==> flow/design.v <==
module sync_alu_arith #(
  parameter DATA_W = 128
) (
  input clk,
  input RST,
  input en,
  input [DATA_W-1:0] arg0,
  input [DATA_W-1:0] arg1,
  input mode,
  output [DATA_W:0] result
);
  reg [DATA_W-1:0] arg0_r;
  reg [DATA_W-1:0] arg1_r;
  reg mode_r;
  always @(posedge clk) begin
    if (RST) begin
      arg0_r <= 0;
      arg1_r <= 0;
      mode_r <= 1'b0;
    end else if (en) begin
      arg0_r <= arg0;
      arg1_r <= arg1;
      mode_r <= mode;
    end
  end
  assign result = mode_r ? arg0_r - arg1_r : arg0_r + arg1_r;
endmodule
# Reports on sync_alu_arith
# The steps from the RTL of sync_alu_arith to its reports follow in flow order.
# Lines are those of the file above, counted from 1.
# Operators: Yosys type, input widths -> output width; for muxes data width and select width s.
# The mark n/a stands for no value.
# setup
top_module,sync_alu_arith
clock_port,clk
cell_library,sky130hd
corner,tt_025C_1v80

# After elaboration
# Source: Yosys, flattened and elaborated, memories not mapped. Widths are those after wreduce; folded enables and synchronous resets count as part of the registers. Registers that Yosys merges into a memory's read port (data or address) are not register bits. Print and check cells do not count. Equal cells are merged and count once.
# word_totals
regBits,257
# op_classes
n_addsub,2
muxes,1
# ops
op,n
$add 128x128->129,1
$sub 128x128->129,1
$mux 129,1

# Longest topological paths
# Yosys ltp: most cells in a row. Word level: on the elaborated netlist, between registers, memories and ports. Mapped: between sequential cells and ports; inverters and the memories' decode and read muxes count.
# depth
word_depth,2
ABC_AREA,0
mapped_depth,27
depth_no_buf,25

# Synthesis result
# The flow's flattened synthesis, as Yosys stat reports it; memories are mapped. The netlist is that of the ABC_AREA named above (0 if unset); the other value can give another one.
# types
type,n,area_total_um2
sky130_fd_sc_hd__dfxtp_1,257,5.14E+03
sky130_fd_sc_hd__mux2i_1,258,2.58E+03
sky130_fd_sc_hd__xnor2_1,189,1.66E+03
sky130_fd_sc_hd__nor2_1,435,1.63E+03
sky130_fd_sc_hd__ha_1,129,1.61E+03
sky130_fd_sc_hd__a21oi_1,268,1.34E+03
sky130_fd_sc_hd__o21ai_0,102,510.49
sky130_fd_sc_hd__xor2_1,58,507.987
sky130_fd_sc_hd__nand2_1,129,484.214
sky130_fd_sc_hd__a21o_1,61,457.939
sky130_fd_sc_hd__clkbuf_1,121,454.186
sky130_fd_sc_hd__nand4_1,72,450.432
sky130_fd_sc_hd__o21bai_1,37,277.766
sky130_fd_sc_hd__inv_1,71,266.506
sky130_fd_sc_hd__nor3_1,52,260.25
sky130_fd_sc_hd__o21a_1,29,217.709
sky130_fd_sc_hd__a31oi_1,31,193.936
sky130_fd_sc_hd__nor4_1,30,187.68
# Not listed: further types 62, cells in them 287.
# synth_totals
stdcells,2616
synth_area_mm2,0.0203758
ffs,257
buf_cells,157

# Worst setup path after synthesis
# Source: OpenSTA report_checks on the synthesized netlist (no wires, ideal clock, input and output delay 20% of the period each), path of least setup slack; recovery checks are left aside. Register names are those of the netlist, which keeps one name where synthesis merged equal registers.
# synth_timing
kind,flip-flop to output port
from,register arg1_r[58]
to,output port result[124]
period_ns,9.08
out_delay_ns,1.816
launch_ns,0.000
arrival_ns,5.810
t_required_ns,7.264
path_slack_ns,1.454
path_delay_ns,5.810
path_stages,24
synth_period_reached_ns,7.626
# "path_delay_ns" is the arrival time less input delay plus setup time.
# A path that ends at an output port has no setup time.
# "path_stages" counts driving pins, that of a launching flip-flop among them; a cell with two outputs on the path counts twice.
# "synth_period_reached_ns" = period - worst setup slack (recovery checks aside). The figure is calculated, with input and output delays left at 20% of the set period.
# The rows between start and end are the longest chain of elaborated cells between them; the timing report does not say that the signal goes this way. Where chains are equally long, one stands for them.
# Each line given opens the expression or statement behind the cell; cells for indexed reads and writes are added by Yosys, which also makes memories of some case tables.
# synth_via
path_cell_list,sky130_fd_sc_hd__dfxtp_1 > sky130_fd_sc_hd__or4_4 > sky130_fd_sc_hd__or4b_4 > sky130_fd_sc_hd__or3_4 > sky130_fd_sc_hd__nor4b_4 > sky130_fd_sc_hd__and3_1 > sky130_fd_sc_hd__buf_4 > sky130_fd_sc_hd__and3_4 > sky130_fd_sc_hd__nand2_1 > sky130_fd_sc_hd__o41ai_2 > sky130_fd_sc_hd__xor2_1 > sky130_fd_sc_hd__ha_1 > sky130_fd_sc_hd__clkbuf_1 > sky130_fd_sc_hd__nand4_1 > sky130_fd_sc_hd__nor4_1 > sky130_fd_sc_hd__and3_1 > sky130_fd_sc_hd__nand4_1 > sky130_fd_sc_hd__nor3_1 > sky130_fd_sc_hd__a2111oi_0 > sky130_fd_sc_hd__a211o_1 > sky130_fd_sc_hd__o41ai_2 > sky130_fd_sc_hd__a41o_1 > sky130_fd_sc_hd__a31oi_1 > sky130_fd_sc_hd__xnor2_1
elab_chain_len,2
# synth_rtl
item,line_no,rtl
"start, declared",13,reg [DATA_W-1:0] arg1_r;
"start, assigned",18,arg1_r <= 0;
"start, assigned",22,arg1_r <= arg1;
$add 128x128->129,26,assign result = mode_r ? arg0_r - arg1_r : arg0_r + arg1_r;
$mux 129,26,
"end, declared",10,output [DATA_W:0] result

# Timing after layout
# From the final timing report of job 1: the path of least setup slack in the routed layout; clock arrival at registers is part of the times.
# layout_timing
kind,flip-flop to output port
from,register arg1_r[58]
to,output port result[123]
period_ns,9.08
out_delay_ns,1.82
launch_ns,0.56
arrival_ns,7.00
t_required_ns,7.26
path_slack_ns,0.26
path_stages,23
# The rows between start and end are the longest chain of elaborated cells between them; the timing report does not say that the signal goes this way. Where chains are equally long, one stands for them.
# layout_via
path_cell_list,sky130_fd_sc_hd__dfxtp_1 > sky130_fd_sc_hd__or4_4 > sky130_fd_sc_hd__or4b_4 > sky130_fd_sc_hd__or3_4 > sky130_fd_sc_hd__nor4b_4 > sky130_fd_sc_hd__and3_4 > sky130_fd_sc_hd__and3_4 > sky130_fd_sc_hd__nand2_1 > sky130_fd_sc_hd__o41ai_2 > sky130_fd_sc_hd__xor2_1 > sky130_fd_sc_hd__ha_1 > sky130_fd_sc_hd__buf_4 > sky130_fd_sc_hd__nand4_1 > sky130_fd_sc_hd__or4_1 > sky130_fd_sc_hd__nor3_2 > sky130_fd_sc_hd__nand2b_1 > sky130_fd_sc_hd__nor3_1 > sky130_fd_sc_hd__a21oi_1 > sky130_fd_sc_hd__o211a_1 > sky130_fd_sc_hd__o21a_1 > sky130_fd_sc_hd__o21ai_1 > sky130_fd_sc_hd__xor2_1 > sky130_fd_sc_hd__clkdlybuf4s50_1
elab_chain_len,2
# layout_rtl
item,line_no,rtl
"start, declared",13,reg [DATA_W-1:0] arg1_r;
"start, assigned",18,arg1_r <= 0;
"start, assigned",22,arg1_r <= arg1;
$add 128x128->129,26,assign result = mode_r ? arg0_r - arg1_r : arg0_r + arg1_r;
$mux 129,26,
"end, declared",10,output [DATA_W:0] result

# 3 stored runs of sync_alu_arith in the flow (synthesis by Yosys, layout by OpenROAD, sky130hd cells), in arbitrary order. Constraints: input delay and output delay 20% of the set period each, output load 0.01 pF.
# "timing.achieved_period_ns": clock period set for the run, less the worst setup slack. It is reckoned from that one timing run; input and output delays stay at 20% of the period that was set.
# "worstPathTime_ns" means the part of the period allowed to the worst setup path (the constraints hold back 20% at inputs and 20% at outputs) less its slack; where the path has registers, the arrival times of their clocks count too.
# By "totalPower_uw" is meant OpenSTA's value without simulated activity: inputs other than the clock are taken to toggle once in ten clock periods, and the tool carries that through the logic.
# A setting shown as - is not set for that run.
# Among the results, - means that no value is shown for the run.
run,period_ns,CAP_MARGIN,CORE_MARGIN,CORE_UTILIZATION,SLEW_MARGIN,SETUP_SLACK_MARGIN,PLACE_DENSITY_LB_ADDON,CELL_PAD_IN_SITES_GLOBAL_PLACEMENT,TNS_END_PERCENT,CTS_CLUSTER_SIZE,CTS_CLUSTER_DIAMETER,MAX_ROUTING_LAYER,PLACE_DENSITY,CELL_PAD_IN_SITES_DETAIL_PLACEMENT,ABC_AREA,ys_area_mm2,worstPathTime_ns,critical_path_kind,layout_utilization_pct,final_setup_ws_ns,die_area_mm2,totalPower_uw,timing.achieved_period_ns,ws_hold_ns,cell_area_final_mm2
job 1,9.08,20,2,40,20,-,-,-,-,-,-,-,-,-,-,0.0203758,7.00,flip-flop to output port,52.4,0.259,0.0527598,4336,8.821,0.501,0.0262952
job 2,8.0,20,8,15,25,0.56,0.27,0,85,85,103,met4,-,-,-,0.0203758,6.47,flip-flop to output port,26.4,-0.069,0.147886,5454,8.069,0.508,0.035733
job 3,13.8,25,2,63,20,-,-,-,-,-,177,-,0.82,2,0,-,-,-,-,-,-,-,-,-,-
# Job 3: unfinished; tool error in placement
